==> flow/design.v <==
module mul_unit_mul_part #(parameter N = 4) (
  input logic [N-1:0] a,
  input logic [N-1:0] b,
  output logic [2*N-1:0] p
);
  assign p = a * b;
endmodule
module mul_unit #(
  parameter int DW = 8
) (
  input  logic CLK,
  input  logic clr,
  input  logic [DW-1:0] lhs_in,
  input  logic [DW-1:0] rhs_in,
  output logic [2*DW-1:0] m_out
);
  logic [DW-1:0] lhs_s;
  always_ff @(posedge CLK) begin
    if (clr) begin
      lhs_s <= '0;
    end else begin
      lhs_s <= lhs_in;
    end
  end
  logic [DW-1:0] rhs_s;
  always_ff @(posedge CLK) begin
    if (clr) begin
      rhs_s <= '0;
    end else begin
      rhs_s <= rhs_in;
    end
  end
  localparam int HW = DW / 2;
  logic [DW-1:0] ll;
  mul_unit_mul_part #(.N(HW)) inst (.a(lhs_s[HW-1:0]), .b(rhs_s[HW-1:0]), .p(ll));
  logic [DW-1:0] lh;
  mul_unit_mul_part #(.N(HW)) el (.a(lhs_s[HW-1:0]), .b(rhs_s[DW-1:HW]), .p(lh));
  logic [DW-1:0] hl;
  mul_unit_mul_part #(.N(HW)) i_sub (.a(lhs_s[DW-1:HW]), .b(rhs_s[HW-1:0]), .p(hl));
  logic [DW-1:0] hh;
  mul_unit_mul_part #(.N(HW)) unit (.a(lhs_s[DW-1:HW]), .b(rhs_s[DW-1:HW]), .p(hh));
  logic [DW:0] mid;
  assign mid = lh + hl;
  always_ff @(posedge CLK) begin
    if (clr) begin
      m_out <= '0;
    end else begin
      m_out <= {hh, ll} + {mid, {HW{1'b0}}};
    end
  end
endmodule
* Step by step through the tools: mul_unit
What the tools print for mul_unit, step after step. Line numbers count from 1 in the design file above. Library cell names are shortened. A cell with -- has no value.
Inputs: top mul_unit, clock CLK, standard-cell library sky130hd, timing corner tt_025C_1v80

* After elaboration
Source: Yosys, flattened and elaborated, memories not mapped. Widths are those after wreduce; folded enables and synchronous resets count as part of the registers. Registers that Yosys merges into a memory's read port (data or address) are not register bits. Print and check cells do not count. Equal cells are merged and count once.
Bit counts: bits in registers 32, input bits 18, output and inout port bits 16, elaborated cells 9
Cells by class: add/subtract/negate cells 2, multiply operators 4
Operator list (count):
- 4-bit by 4-bit multiplier with 8-bit output | 4
- 16-bit by 13-bit adder with 16-bit output | 1
- 8-bit by 8-bit adder with 9-bit output | 1

* Logic depth
Depth = most cells in a row (Yosys ltp): at word level without a register or memory, in the mapped netlist without a sequential cell, where the memories' decode and read muxes count.
Depth: word-level depth 3, ABC_AREA 0, depth in mapped cells 21, depth with buffers taken out 21

* Synthesis result
The flow's flattened synthesis, as Yosys stat reports it; memories are mapped. The netlist is that of the ABC_AREA named above (0 if unset); the other value can give another one.
Synthesis totals: mapped cells 359, mapped area 3218.1 sq um, area of sequential cells 640.6 sq um, mapped flip-flops 32, buffers 3
Cells by type:
- ha_1 | count 54, area in all 675.648 sq um
- dfxtp_1 | count 32, area in all 640.614 sq um
- fa_1 | count 27, area in all 540.518 sq um
- and2_1 | count 45, area in all 281.52 sq um
- inv_1 | count 57, area in all 213.955 sq um
- nor2b_1 | count 20, area in all 125.12 sq um
- xnor2_1 | count 11, area in all 96.342 sq um
- nand2_1 | count 25, area in all 93.84 sq um
- a21oi_1 | count 14, area in all 70.067 sq um
- nor2_1 | count 17, area in all 63.811 sq um
- xor2_1 | count 6, area in all 52.55 sq um
- a21o_1 | count 5, area in all 37.536 sq um
- a211oi_1 | count 4, area in all 30.029 sq um
- o21a_1 | count 4, area in all 30.029 sq um
- o21bai_1 | count 4, area in all 30.029 sq um
- o21ai_0 | count 5, area in all 25.024 sq um
- or4_1 | count 3, area in all 22.522 sq um
- nor3_1 | count 4, area in all 20.019 sq um
Not listed: further types 17, cells in them 22. By module: a second synthesis without flattening, with its own total; a netlist apart from the flattened one above.
Second synthesis, totals: cells (unflattened synthesis) 381, area (unflattened synthesis) 3508.4 sq um
Each row is one instance without its submodules.
Modules:
- mul_unit_mul_part #(N=4) | times used 4, cells 51, area 464.2 sq um, seq. area 0.0 sq um
- mul_unit | times used 1, cells 177, area 1651.6 sq um, seq. area 640.6 sq um

* Worst setup path after synthesis
Source: OpenSTA report_checks on the synthesized netlist (no wires, ideal clock, input and output delay 20% of the period each), path of least setup slack; recovery checks are left aside. Register names are those of the netlist, which keeps one name where synthesis merged equal registers.
Path after synthesis: kind reg2reg, start point register rhs_s[3], end point register m_out[15], period 6.52 ns, setup time 0.070 ns, time at the first pin 0.000 ns, data arrival time 5.144 ns, data required time 6.450 ns, setup slack 1.306 ns, delay of the path 5.214 ns, stages on the path 21, path buffers 0, synthesis period reached 5.214 ns
"delay of the path" is the arrival time less input delay plus setup time. "stages on the path": output pins that drive a net of the path, with the launching flip-flop's if there is one; two outputs of one cell count as two. "synthesis period reached" = period - worst setup slack (recovery checks aside). The figure is calculated, with input and output delays left at 20% of the set period. The rows between start and end are the longest chain of elaborated cells between them; the timing report does not say that the signal goes this way. Where chains are equally long, one stands for them. Each line given opens the expression or statement behind the cell; cells for indexed reads and writes are added by Yosys, which also makes memories of some case tables.
Between the ends, after synthesis: cell sequence dfxtp_1 -> nand2_1 -> fa_1 -> fa_1 -> inv_1 -> fa_1 -> inv_1 -> fa_1 -> inv_1 -> fa_1 -> a21o_1 -> a21oi_1 -> o21bai_1 -> a21oi_1 -> xnor2_1 -> ha_1 -> nand2_1 -> nor4_2 -> a211oi_1 -> or4_1 -> a21oi_1, length of the longest elaborated chain 3, elaborated cells between the ends (all ways) 4, source lines of those cells 3, classes of those cells 2 x add/sub; 2 x mul
RTL lines, path after synthesis:
- from (decl) | RTL line 25 | logic [DW-1:0] rhs_s;
- from (assign) | RTL line 28 | rhs_s <= '0;
- from (assign) | RTL line 30 | rhs_s <= rhs_in;
- 4-bit by 4-bit multiplier with 8-bit output | RTL line 6 | assign p = a * b;
- 8-bit by 8-bit adder with 9-bit output | RTL line 43 | assign mid = lh + hl;
- 16-bit by 13-bit adder with 16-bit output | RTL line 48 | m_out <= {hh, ll} + {mid, {HW{1'b0}}};
- to (assign) | RTL line 46 | m_out <= '0;
- to (assign) | RTL line 48
- to (decl) | RTL line 15 | output logic [2*DW-1:0] m_out

* Worst path after layout
Path of least setup slack in the final report of record 1 (OpenROAD, finished layout, wires in). Where an end is a register, its clock arrival counts in the times.
Path post-layout: kind reg2reg, start point register lhs_s[6], end point register m_out[15], period 4.45 ns, setup time 0.07 ns, time at the first pin 0.30 ns, data arrival time 5.11 ns, data required time 4.67 ns, setup slack -0.43 ns, stages on the path 21, path buffers 0
The rows between start and end are the longest chain of elaborated cells between them; the timing report does not say that the signal goes this way. Where chains are equally long, one stands for them.
Between the ends, post-layout: cell sequence dfxtp_2 -> nand2_2 -> fa_1 -> fa_1 -> inv_1 -> fa_1 -> inv_1 -> fa_1 -> inv_2 -> fa_2 -> a21o_1 -> a21oi_2 -> o21bai_1 -> a21oi_1 -> xnor2_1 -> ha_1 -> nand2_2 -> nor4_4 -> a211oi_2 -> or4_1 -> a21oi_2, length of the longest elaborated chain 3, elaborated cells between the ends (all ways) 4, source lines of those cells 3, classes of those cells 2 x add/sub; 2 x mul
RTL lines, path post-layout:
- from (decl) | RTL line 17 | logic [DW-1:0] lhs_s;
- from (assign) | RTL line 20 | lhs_s <= '0;
- from (assign) | RTL line 22 | lhs_s <= lhs_in;
- 4-bit by 4-bit multiplier with 8-bit output | RTL line 6 | assign p = a * b;
- 8-bit by 8-bit adder with 9-bit output | RTL line 43 | assign mid = lh + hl;
- 16-bit by 13-bit adder with 16-bit output | RTL line 48 | m_out <= {hh, ll} + {mid, {HW{1'b0}}};
- to (assign) | RTL line 46 | m_out <= '0;
- to (assign) | RTL line 48
- to (decl) | RTL line 15 | output logic [2*DW-1:0] m_out

Hand-over note for mul_unit

Top module mul_unit; platform sky130hd; tools Yosys and OpenROAD; 3 stored runs in no particular order. Input and output delays are each 20% of the period that was set; the output load is 0.01 pF.
"clock period reached": clock period set for the run, less the worst setup slack. It is reckoned from that one timing run; input and output delays stay at 20% of the period that was set.
By "time of the worst setup path" is meant the share of the clock period that the worst setup path is allowed (20% is reserved at inputs, 20% at outputs), minus its slack. Clock arrival times at its registers enter into it.
"total power of the final layout": no workload was simulated; the value follows from the tool's default switching activity.

[record 1] flow files
==> flow/run.sh <==
#!/bin/bash
# the make line also repeats the synthesis and layout settings of config.mk as NAME=value (left out here)
make -C /OpenROAD-flow-scripts/flow DESIGN_CONFIG=/design/flow/config.mk WORK_HOME=/design/flow/orfs CLKGATE_MAP_FILE= finish
==> flow/config.mk <==
export PLATFORM = sky130hd
export DESIGN_NAME = mul_unit
export DESIGN_NICKNAME = mul_unit
export VERILOG_FILES = /design/flow/design.v
export SDC_FILE = /design/flow/constraint.sdc
export NUM_CORES = 4
export LEC_CHECK = 0
export CAP_MARGIN = 20
export CELL_PAD_IN_SITES_GLOBAL_PLACEMENT = 3
export CORE_MARGIN = 8
export CORE_UTILIZATION = 34
export CTS_CLUSTER_DIAMETER = 198
export CTS_CLUSTER_SIZE = 58
export PLACE_DENSITY_LB_ADDON = 0.19
export SLEW_MARGIN = 20
export TNS_END_PERCENT = 70
==> flow/constraint.sdc <==
create_clock -name core_clock -period 4.45 [get_ports {CLK}]
set_input_delay 0.8900 -clock core_clock [delete_from_list [all_inputs] [get_ports {CLK}]]
set_output_delay 0.8900 -clock core_clock [all_outputs]
set_load 0.01 [all_outputs]

[record 1] result: worst hold slack after layout 0.650 ns; worst setup slack after layout -0.435 ns; die size 12834.6 sq um; post-route utilization 45.5 %; setup TNS -1.402 ns; time of the worst setup path 4.88 ns; critical path kind reg2reg; standard-cell area after routing 4186.5 sq um; clock period reached 4.885 ns; total power of the final layout 834.8 uW; area of the synthesized netlist 3218.1 sq um

[record 2] flow files
==> flow/run.sh <==
#!/bin/bash
# the make line also repeats the synthesis and layout settings of config.mk as NAME=value (left out here)
make -C /OpenROAD-flow-scripts/flow DESIGN_CONFIG=/design/flow/config.mk WORK_HOME=/design/flow/orfs CLKGATE_MAP_FILE= finish
==> flow/config.mk <==
export PLATFORM = sky130hd
export DESIGN_NAME = mul_unit
export DESIGN_NICKNAME = mul_unit
export VERILOG_FILES = /design/flow/design.v
export SDC_FILE = /design/flow/constraint.sdc
export NUM_CORES = 4
export LEC_CHECK = 0
export CAP_MARGIN = 20
export CORE_MARGIN = 2
export CORE_UTILIZATION = 40
export SLEW_MARGIN = 20
==> flow/constraint.sdc <==
create_clock -name core_clock -period 6.52 [get_ports {CLK}]
set_input_delay 1.3040 -clock core_clock [delete_from_list [all_inputs] [get_ports {CLK}]]
set_output_delay 1.3040 -clock core_clock [all_outputs]
set_load 0.01 [all_outputs]

[record 2] result: worst hold slack after layout 0.618 ns; worst setup slack after layout 1.022 ns; die size 8778.8 sq um; post-route utilization 48.2 %; setup TNS 0.000 ns; time of the worst setup path 5.50 ns; critical path kind reg2reg; standard-cell area after routing 3744.8 sq um; clock period reached 5.498 ns; total power of the final layout 532.1 uW; area of the synthesized netlist 3218.1 sq um

[record 3] flow files
==> flow/run.sh <==
#!/bin/bash
# the make line also repeats the synthesis and layout settings of config.mk as NAME=value (left out here)
make -C /OpenROAD-flow-scripts/flow DESIGN_CONFIG=/design/flow/config.mk WORK_HOME=/design/flow/orfs CLKGATE_MAP_FILE= finish
==> flow/config.mk <==
export PLATFORM = sky130hd
export DESIGN_NAME = mul_unit
export DESIGN_NICKNAME = mul_unit
export VERILOG_FILES = /design/flow/design.v
export SDC_FILE = /design/flow/constraint.sdc
export NUM_CORES = 4
export LEC_CHECK = 0
export CAP_MARGIN = 20
export CELL_PAD_IN_SITES_DETAIL_PLACEMENT = 1
export CELL_PAD_IN_SITES_GLOBAL_PLACEMENT = 0
export CORE_MARGIN = 2
export CORE_UTILIZATION = 20
export CTS_CLUSTER_DIAMETER = 339
export MAX_ROUTING_LAYER = met5
export PLACE_DENSITY_LB_ADDON = 0.23
export SLEW_MARGIN = 20
export TNS_END_PERCENT = 25
==> flow/constraint.sdc <==
create_clock -name core_clock -period 8.64 [get_ports {CLK}]
set_input_delay 1.7280 -clock core_clock [delete_from_list [all_inputs] [get_ports {CLK}]]
set_output_delay 1.7280 -clock core_clock [all_outputs]
set_load 0.01 [all_outputs]

[record 3] result: worst hold slack after layout 0.629 ns; worst setup slack after layout 3.014 ns; die size 17121.7 sq um; post-route utilization 24.9 %; setup TNS 0.000 ns; time of the worst setup path 5.63 ns; critical path kind reg2reg; standard-cell area after routing 3941.3 sq um; clock period reached 5.626 ns; total power of the final layout 445.9 uW; area of the synthesized netlist 3218.1 sq um

End of note.
